==> flow/design.v <==
module sync_alu_arith #(
  parameter WIDTH = 6
) (
  input  logic core_clk,
  input  logic rstn,
  input  logic [WIDTH-1:0] da,
  input  logic [WIDTH-1:0] db,
  input  logic minus,
  output logic [WIDTH-1:0] d
);
  logic [WIDTH-1:0] r;
  always_comb begin
    if (minus)
      r = da - db;
    else
      r = da + db;
  end
  logic [WIDTH-1:0] r_d;
  always_ff @(posedge core_clk) begin
    if (~rstn) begin
      r_d <= '0;
    end else begin
      r_d <= r;
    end
  end
  assign d = r_d;
endmodule
Reports on sync_alu_arith
The steps from the RTL of sync_alu_arith to its reports follow in flow order.
Lines are those of the file above, counted from 1.
Operators: Yosys type, input widths -> output width; for muxes data width and select width s.
Cell names lack the library's common part.
{"block": "design", "top": "sync_alu_arith", "clk_port": "core_clk", "lib": "sky130hd", "lib_corner": "tt_025C_1v80"}

Elaborated design
Yosys after proc, flatten, opt, wreduce and memory -nomap, before mapping. Enables and synchronous resets that opt folds into registers are not counted as muxes. Memory bits, and registers merged into a memory's read port (data or address), are not among the register bits. Print and check cells are not counted. Equal cells are merged and count once.
{"block": "word_totals", "reg_bits": 6, "inputBits": 15, "out_inout_bits": 6, "elab_cells": 4}
{"block": "classes", "n_addsub": 2, "mux": 1}
{"block": "op_table", "op": "$add 6x6->6", "count": 1}
{"block": "op_table", "op": "$sub 6x6->6", "count": 1}
{"block": "op_table", "op": "$mux 6", "count": 1}

Depth
Yosys ltp: most cells in a row. Word level: on the elaborated netlist, between registers, memories and ports. Mapped: between sequential cells and ports; inverters and the memories' decode and read muxes count.
{"block": "depth", "ltp_word": 2, "abc_area": 0, "depth_mapped": 10}

Synthesis result
Source: synth_stat.txt of the flow (Yosys; design flattened, memories mapped). It holds for the ABC_AREA given above (unset counts as 0); a run with the other value may have another netlist.
The area totals of this step are shown rounded.
{"block": "synth_totals", "mapped_cells": 49, "area_um2": 440, "seqArea_um2": 120, "ff_cells": 6}
{"block": "by_type", "cell": "dfxtp_1", "count": 6, "type_area_um2": 120.115}
{"block": "by_type", "cell": "ha_1", "count": 6, "type_area_um2": 75.072}
{"block": "by_type", "cell": "xnor2_1", "count": 7, "type_area_um2": 61.309}
{"block": "by_type", "cell": "nor2_1", "count": 9, "type_area_um2": 33.782}
{"block": "by_type", "cell": "fa_1", "count": 1, "type_area_um2": 20.019}
{"block": "by_type", "cell": "inv_1", "count": 5, "type_area_um2": 18.768}
{"block": "by_type", "cell": "a21oi_1", "count": 3, "type_area_um2": 15.014}
{"block": "by_type", "cell": "o22ai_2", "count": 1, "type_area_um2": 12.512}
{"block": "by_type", "cell": "mux2i_1", "count": 1, "type_area_um2": 10.01}
{"block": "by_type", "cell": "nor3_2", "count": 1, "type_area_um2": 10.01}
{"block": "by_type", "cell": "o31a_1", "count": 1, "type_area_um2": 8.758}
{"block": "by_type", "cell": "xor2_1", "count": 1, "type_area_um2": 8.758}
{"block": "by_type", "cell": "a211oi_1", "count": 1, "type_area_um2": 7.507}
{"block": "by_type", "cell": "a21o_1", "count": 1, "type_area_um2": 7.507}
{"block": "by_type", "cell": "o21a_1", "count": 1, "type_area_um2": 7.507}
{"block": "by_type", "cell": "and2_1", "count": 1, "type_area_um2": 6.256}
{"block": "by_type", "cell": "nor2b_1", "count": 1, "type_area_um2": 6.256}
{"block": "by_type", "cell": "or2_2", "count": 1, "type_area_um2": 6.256}
{"block": "by_type", "cell": "o21ai_0", "count": 1, "type_area_um2": 5.005}

Path before layout
Path of least setup slack by OpenSTA after synthesis, without wires, with an ideal clock, recovery checks aside; 20% of the period is set as input and as output delay. Where synthesis merged equal registers, the netlist keeps one of their names.
{"block": "synth_path", "path_kind": "input-to-reg", "startpoint": "input db[0]", "endpoint": "register r_d[5]", "period_ns": 2.42, "arrival_time_ns": 1.920, "path_slack_ns": 0.384, "path_delay_ns": 1.552, "path_stages": 9, "period_less_setup_slack_ns": 2.036}
"path_delay_ns" = arrival - input delay + setup time.
"path_stages": output pins that drive a net of the path, with the launching flip-flop's if there is one; two outputs of one cell count as two.
"period_less_setup_slack_ns" is the clock period less the worst setup slack; recovery checks do not enter. This is arithmetic on one report: input and output delays are still those of the set period (20% each).
Between the ends stands the longest chain of elaborated cells between them, by number of cells; it is not shown to be the way that was timed. Of several equally long chains one is given.
Each line given opens the expression or statement behind the cell; cells for indexed reads and writes are added by Yosys, which also makes memories of some case tables.
{"block": "synth_between", "cell_sequence": "inv_1 > ha_1 > mux2i_1 > ha_1 > nor2b_1 > o31a_1 > o22ai_2 > xnor2_1 > nor2_1", "elab_chain_cells": 2}
{"block": "synth_rtl", "item": "start: declaration", "line_no": 7, "text": "input  logic [WIDTH-1:0] db,"}
{"block": "synth_rtl", "item": "$add 6x6->6", "line_no": 16, "text": "r = da + db;"}
{"block": "synth_rtl", "item": "$mux 6", "line_no": 13, "text": "if (minus)"}
{"block": "synth_rtl", "item": "end: assignment", "line_no": 21, "text": "r_d <= '0;"}
{"block": "synth_rtl", "item": "end: assignment", "line_no": 23, "text": "r_d <= r;"}
{"block": "synth_rtl", "item": "end: declaration", "line_no": 18, "text": "logic [WIDTH-1:0] r_d;"}

Timing after layout
Path of least setup slack in the final report of run 1 (OpenROAD, finished layout, wires in). Where an end is a register, its clock arrival counts in the times.
{"block": "layout_path", "path_kind": "input-to-reg", "startpoint": "input db[1]", "endpoint": "register r_d[5]", "period_ns": 2.97, "arrival_time_ns": 2.65, "path_slack_ns": 0.46, "path_stages": 10}
Between the ends stands the longest chain of elaborated cells between them, by number of cells; it is not shown to be the way that was timed. Of several equally long chains one is given.
{"block": "layout_between", "cell_sequence": "clkdlybuf4s50_1 > inv_1 > ha_1 > mux2i_1 > ha_1 > nor2b_1 > o31a_1 > o22ai_2 > xnor2_1 > nor2_1", "elab_chain_cells": 2}
{"block": "layout_rtl", "item": "start: declaration", "line_no": 7, "text": "input  logic [WIDTH-1:0] db,"}
{"block": "layout_rtl", "item": "$add 6x6->6", "line_no": 16, "text": "r = da + db;"}
{"block": "layout_rtl", "item": "$mux 6", "line_no": 13, "text": "if (minus)"}
{"block": "layout_rtl", "item": "end: assignment", "line_no": 21, "text": "r_d <= '0;"}
{"block": "layout_rtl", "item": "end: assignment", "line_no": 23, "text": "r_d <= r;"}
{"block": "layout_rtl", "item": "end: declaration", "line_no": 18, "text": "logic [WIDTH-1:0] r_d;"}

Appendix: measured runs

Stored flow runs of sync_alu_arith (3 of them; Yosys, OpenROAD, sky130hd). They differ in their settings and are not a sequence. Constraints: input delay and output delay 20% of the set period each, output load 0.01 pF.
"period_less_ws_ns" means the clock period less the worst setup slack. The figure is calculated, with input and output delays left at 20% of the set period.
"timing.worst_path_ns" means the part of the period allowed to the worst setup path (the constraints hold back 20% at inputs and 20% at outputs) less its slack; where the path has registers, the arrival times of their clocks count too.
"power_mw" rests on the timing tool's default activity at the inputs, not on a simulated workload.
Results are given in rounded form.

{"run": "run 1", "settings": { "period_ns": 2.97, "CORE_UTILIZATION": 15, "SETUP_SLACK_MARGIN": -0.01, "PLACE_DENSITY_LB_ADDON": 0.2, "GPL_TIMING_DRIVEN": 1, "CTS_CLUSTER_SIZE": 71, "CAP_MARGIN": 20, "CORE_MARGIN": 2, "SLEW_MARGIN": 20 }, "results": { "synthesis_area_um2": 440, "design_die_area_um2": 3400, "cell_area_final_um2": 710, "utilization_pct": 26, "fin_ws_ns": 0.46, "fin_tns_ns": 0.000, "hold_ws_ns": 0.95, "power_mw": 0.30, "period_less_ws_ns": 2.513, "timing.worst_path_ns": 1.92, "critical_path_type": "input-to-reg" }}
{"run": "run 2", "settings": { "period_ns": 2.42, "CAP_MARGIN": 20, "CORE_MARGIN": 2, "CORE_UTILIZATION": 40, "SLEW_MARGIN": 20 }, "results": { "synthesis_area_um2": 440, "design_die_area_um2": 1400, "cell_area_final_um2": 740, "utilization_pct": 76, "fin_ws_ns": 0.11, "fin_tns_ns": 0.000, "hold_ws_ns": 0.85, "power_mw": 0.38, "period_less_ws_ns": 2.311, "timing.worst_path_ns": 1.83, "critical_path_type": "input-to-reg" }}
{"run": "run 3", "settings": { "period_ns": 1.22, "CORE_UTILIZATION": 53, "SETUP_SLACK_MARGIN": 0.19, "PLACE_DENSITY_LB_ADDON": 0.05, "CORE_ASPECT_RATIO": 1.01, "CELL_PAD_IN_SITES_GLOBAL_PLACEMENT": 3, "ABC_AREA": 0, "CTS_CLUSTER_SIZE": 74, "CAP_MARGIN": 35, "CORE_MARGIN": 2, "SLEW_MARGIN": 20 }, "outcome": "unfinished; error PDN-0185 in floorplanning"}
